==> flow/design.v <==
module my_summer_stage #(
   parameter DW = 128
) (
   input  wire clk_i,
   input  wire [DW-1:0] lhs_i,
   input  wire [DW-1:0] rhs_i,
   output reg [DW:0] out_o
);
   reg [DW-1:0] lhs_r;
   reg [DW-1:0] rhs_r;
   always @(posedge clk_i) begin
      lhs_r <= lhs_i;
      rhs_r <= rhs_i;
      out_o <= lhs_r + rhs_r;
   end
endmodule
Reports on my_summer_stage
Tool output for the design above, in the order of the flow.
Line numbers count from 1 in the design file above.
Operators carry their Yosys type and port widths (W data, S select, Z words).
Cell names lack the library's common part.
{"block": "design", "top": "my_summer_stage", "clock": "clk_i", "lib": "sky130hd", "pvt_corner": "tt_025C_1v80"}

Word-level counts
Yosys after proc, flatten, opt, wreduce and memory -nomap, before mapping. Enables and synchronous resets that opt folds into registers are not counted as muxes. Memory bits, and registers merged into a memory's read port (data or address), are not among the register bits. Print and check cells are not counted. Equal cells are merged and count once.
{"block": "bits", "reg_bits": 385, "latch_bits": 0, "mem_bits_rw": 0, "romBits": 0, "clocked_rd_ports_x_width": 0, "n_memories": 0, "in_bits": 257, "out_inout_bits": 129, "word_cells": 4}
{"block": "classes", "addsub": 1, "multipliers": 0, "div_mod_pow": 0, "compare": 0, "n_eq": 0, "shifts": 0, "n_mux": 0, "logic": 0, "reduce_logical": 0}
{"block": "op_table", "operator": "$add A128 B128 Y129", "n": 1}

Longest topological paths
Depth = most cells in a row (Yosys ltp): at word level without a register or memory, in the mapped netlist without a sequential cell, where the memories' decode and read muxes count.
{"block": "logic_depth", "ltp_word": 1, "ABC_AREA": 0, "depth_mapped": 15, "mapped_depth_nobuf": 15}

Mapped cells and area
Source: synth_stat.txt of the flow (Yosys; design flattened, memories mapped). It holds for the ABC_AREA given above (unset counts as 0); a run with the other value may have another netlist.
Totals and module areas in this step are rounded.
{"block": "by_type", "type": "dfxtp_1", "n": 385, "area_total_um2": 7.71E+03}
{"block": "by_type", "type": "ha_1", "n": 128, "area_total_um2": 1.6E+03}
{"block": "by_type", "type": "a21oi_1", "n": 189, "area_total_um2": 945.907}
{"block": "by_type", "type": "xnor2_1", "n": 78, "area_total_um2": 683.155}
{"block": "by_type", "type": "a21o_1", "n": 71, "area_total_um2": 533.011}
{"block": "by_type", "type": "nand2_1", "n": 127, "area_total_um2": 476.707}
{"block": "by_type", "type": "o21ai_0", "n": 90, "area_total_um2": 450.432}
{"block": "by_type", "type": "xor2_1", "n": 48, "area_total_um2": 420.403}
{"block": "by_type", "type": "nand4_1", "n": 59, "area_total_um2": 369.104}
{"block": "by_type", "type": "nor2_1", "n": 84, "area_total_um2": 315.302}
{"block": "by_type", "type": "o21bai_1", "n": 42, "area_total_um2": 315.302}
{"block": "by_type", "type": "nor3_1", "n": 33, "area_total_um2": 165.158}
{"block": "by_type", "type": "inv_1", "n": 40, "area_total_um2": 150.144}
{"block": "by_type", "type": "clkbuf_1", "n": 33, "area_total_um2": 123.869}
{"block": "by_type", "type": "o21a_1", "n": 16, "area_total_um2": 120.115}
{"block": "by_type", "type": "buf_2", "n": 22, "area_total_um2": 110.106}
{"block": "by_type", "type": "a21boi_0", "n": 12, "area_total_um2": 90.086}
{"block": "by_type", "type": "a31oi_1", "n": 13, "area_total_um2": 81.328}
Other cell types: 53; their cells: 155.
{"block": "synth_totals", "cells": 1625, "mapped_area_um2": 15940, "seq_area_um2": 7707, "ffs": 385, "buffers": 59}

Path before layout
OpenSTA on the mapped netlist: ideal clock, no wires. The path of least setup slack (recovery checks aside). Input and output delay are each 20% of the period. Register names are those of the netlist, which keeps one name where synthesis merged equal registers.
{"block": "synth_path", "kind": "reg2reg", "start": "register lhs_r[0]", "end": "register out_o[82]", "clock_period_ns": 4.01, "setup_ns": 0.126, "launch_ns": 0.000, "arrival_ns": 3.082, "slack_ns": 0.802, "path_delay_ns": 3.208, "path_stages": 16, "path_buffers": 0, "period_less_setup_slack_ns": 3.208}
"path_delay_ns" is the arrival time less input delay plus setup time.
"path_stages": output pins that drive a net of the path, with the launching flip-flop's if there is one; two outputs of one cell count as two.
"period_less_setup_slack_ns" = period - worst setup slack (recovery checks aside). The figure is calculated, with input and output delays left at 20% of the set period.
The rows between start and end are the longest chain of elaborated cells between them; the timing report does not say that the signal goes this way. Where chains are equally long, one stands for them.
A line is the first line of the expression or statement that the cell stems from. Yosys adds cells for indexed reads and writes and turns some case tables into memories.
{"block": "synth_via", "path_cell_list": "dfxtp_1 > ha_1 > fa_1 > a21o_1 > nand4_1 > a2111oi_4 > a311oi_2 > o21ba_2 > o21ai_2 > a221o_2 > a21oi_2 > o21a_1 > o21ai_2 > nand3_1 > nand3_1 > xor2_1", "elab_chain_len": 1, "cells_between": 1, "lines_between": 1, "classes_between": "add/sub: 1"}
{"block": "synth_rtl", "element": "from (decl)", "line": 9, "text": "reg [DW-1:0] lhs_r;"}
{"block": "synth_rtl", "element": "from (assign)", "line": 12, "text": "lhs_r <= lhs_i;"}
{"block": "synth_rtl", "element": "$add A128 B128 Y129", "line": 14, "text": "out_o <= lhs_r + rhs_r;"}
{"block": "synth_rtl", "element": "to (assign)", "line": 14}
{"block": "synth_rtl", "element": "to (decl)", "line": 7, "text": "output reg [DW:0] out_o"}

Path in the finished layout
From the final timing report of run 2: the path of least setup slack in the routed layout; clock arrival at registers is part of the times.
{"block": "layout_path", "kind": "reg2reg", "start": "register rhs_r[12]", "end": "register out_o[98]", "clock_period_ns": 4.01, "setup_ns": 0.08, "launch_ns": 0.55, "arrival_ns": 4.29, "slack_ns": 0.19, "path_stages": 12, "path_buffers": 0}
The rows between start and end are the longest chain of elaborated cells between them; the timing report does not say that the signal goes this way. Where chains are equally long, one stands for them.
{"block": "layout_via", "path_cell_list": "dfxtp_1 > ha_1 > nand4_1 > or3_4 > a2111oi_4 > a311oi_2 > o21ba_2 > or3_1 > nor2_1 > a21oi_1 > o41ai_2 > xor2_1", "elab_chain_len": 1, "cells_between": 1, "lines_between": 1, "classes_between": "add/sub: 1"}
{"block": "layout_rtl", "element": "from (decl)", "line": 10, "text": "reg [DW-1:0] rhs_r;"}
{"block": "layout_rtl", "element": "from (assign)", "line": 13, "text": "rhs_r <= rhs_i;"}
{"block": "layout_rtl", "element": "$add A128 B128 Y129", "line": 14, "text": "out_o <= lhs_r + rhs_r;"}
{"block": "layout_rtl", "element": "to (assign)", "line": 14}
{"block": "layout_rtl", "element": "to (decl)", "line": 7, "text": "output reg [DW:0] out_o"}

--- measured runs ---
Below are 3 stored runs of the flow (Yosys, OpenROAD; platform sky130hd) on my_summer_stage, each with its settings and what was measured, unordered. Constraints: input delay and output delay 20% of the set period each, output load 0.01 pF.
"achieved_clock_period_ns": clock period set for the run, less the worst setup slack. It is reckoned from that one timing run; input and output delays stay at 20% of the period that was set.
"worstPathTime_ns" = time allowed to the worst setup path (clock period - input delay - output delay, where it has them) - its slack; a late launch clock adds to it, a late capture clock takes from it.
"design_power_w": no workload was simulated; the value follows from the tool's default switching activity.
The results are shown rounded.

{"run": "run 1", "settings": { "period_ns": 2.15, "CORE_UTILIZATION": 64, "SETUP_SLACK_MARGIN": 0.19, "PLACE_DENSITY_LB_ADDON": 0.27, "CORE_ASPECT_RATIO": 0.81, "CORE_MARGIN": 5, "TNS_END_PERCENT": 60, "ABC_AREA": 0, "GPL_TIMING_DRIVEN": 0, "CAP_MARGIN": 40, "SLEW_MARGIN": 20 }, "outcome": "unfinished; error GRT-0116 in routing"}
{"run": "run 2", "settings": { "period_ns": 4.01, "CAP_MARGIN": 20, "CORE_MARGIN": 2, "CORE_UTILIZATION": 40, "SLEW_MARGIN": 20 }, "results": { "design_power_w": 0.01105, "total_negative_slack_ns": 0.000, "achieved_clock_period_ns": 3.822, "post_route_util_pct": 55.4, "stdcell_area_um2": 21910, "die_um2": 41450, "synth_chip_area_um2": 15940, "worstPathTime_ns": 3.82, "timing.worst_path_kind": "reg2reg", "hold_worst_slack_ns": 0.452, "ws_setup_ns": 0.188 }}
{"run": "run 3", "settings": { "period_ns": 4.29, "CORE_UTILIZATION": 28, "PLACE_DENSITY_LB_ADDON": 0.23, "CORE_ASPECT_RATIO": 0.6, "CTS_CLUSTER_DIAMETER": 261, "CAP_MARGIN": 20, "CORE_MARGIN": 2, "SLEW_MARGIN": 20 }, "results": { "post_route_util_pct": 39.5, "total_negative_slack_ns": 0.000, "hold_worst_slack_ns": 0.485, "worstPathTime_ns": 4.14, "timing.worst_path_kind": "reg2reg", "stdcell_area_um2": 22110, "ws_setup_ns": 0.149, "design_power_w": 0.01038, "achieved_clock_period_ns": 4.141, "synth_chip_area_um2": 15940, "die_um2": 58900 }}
--- end ---
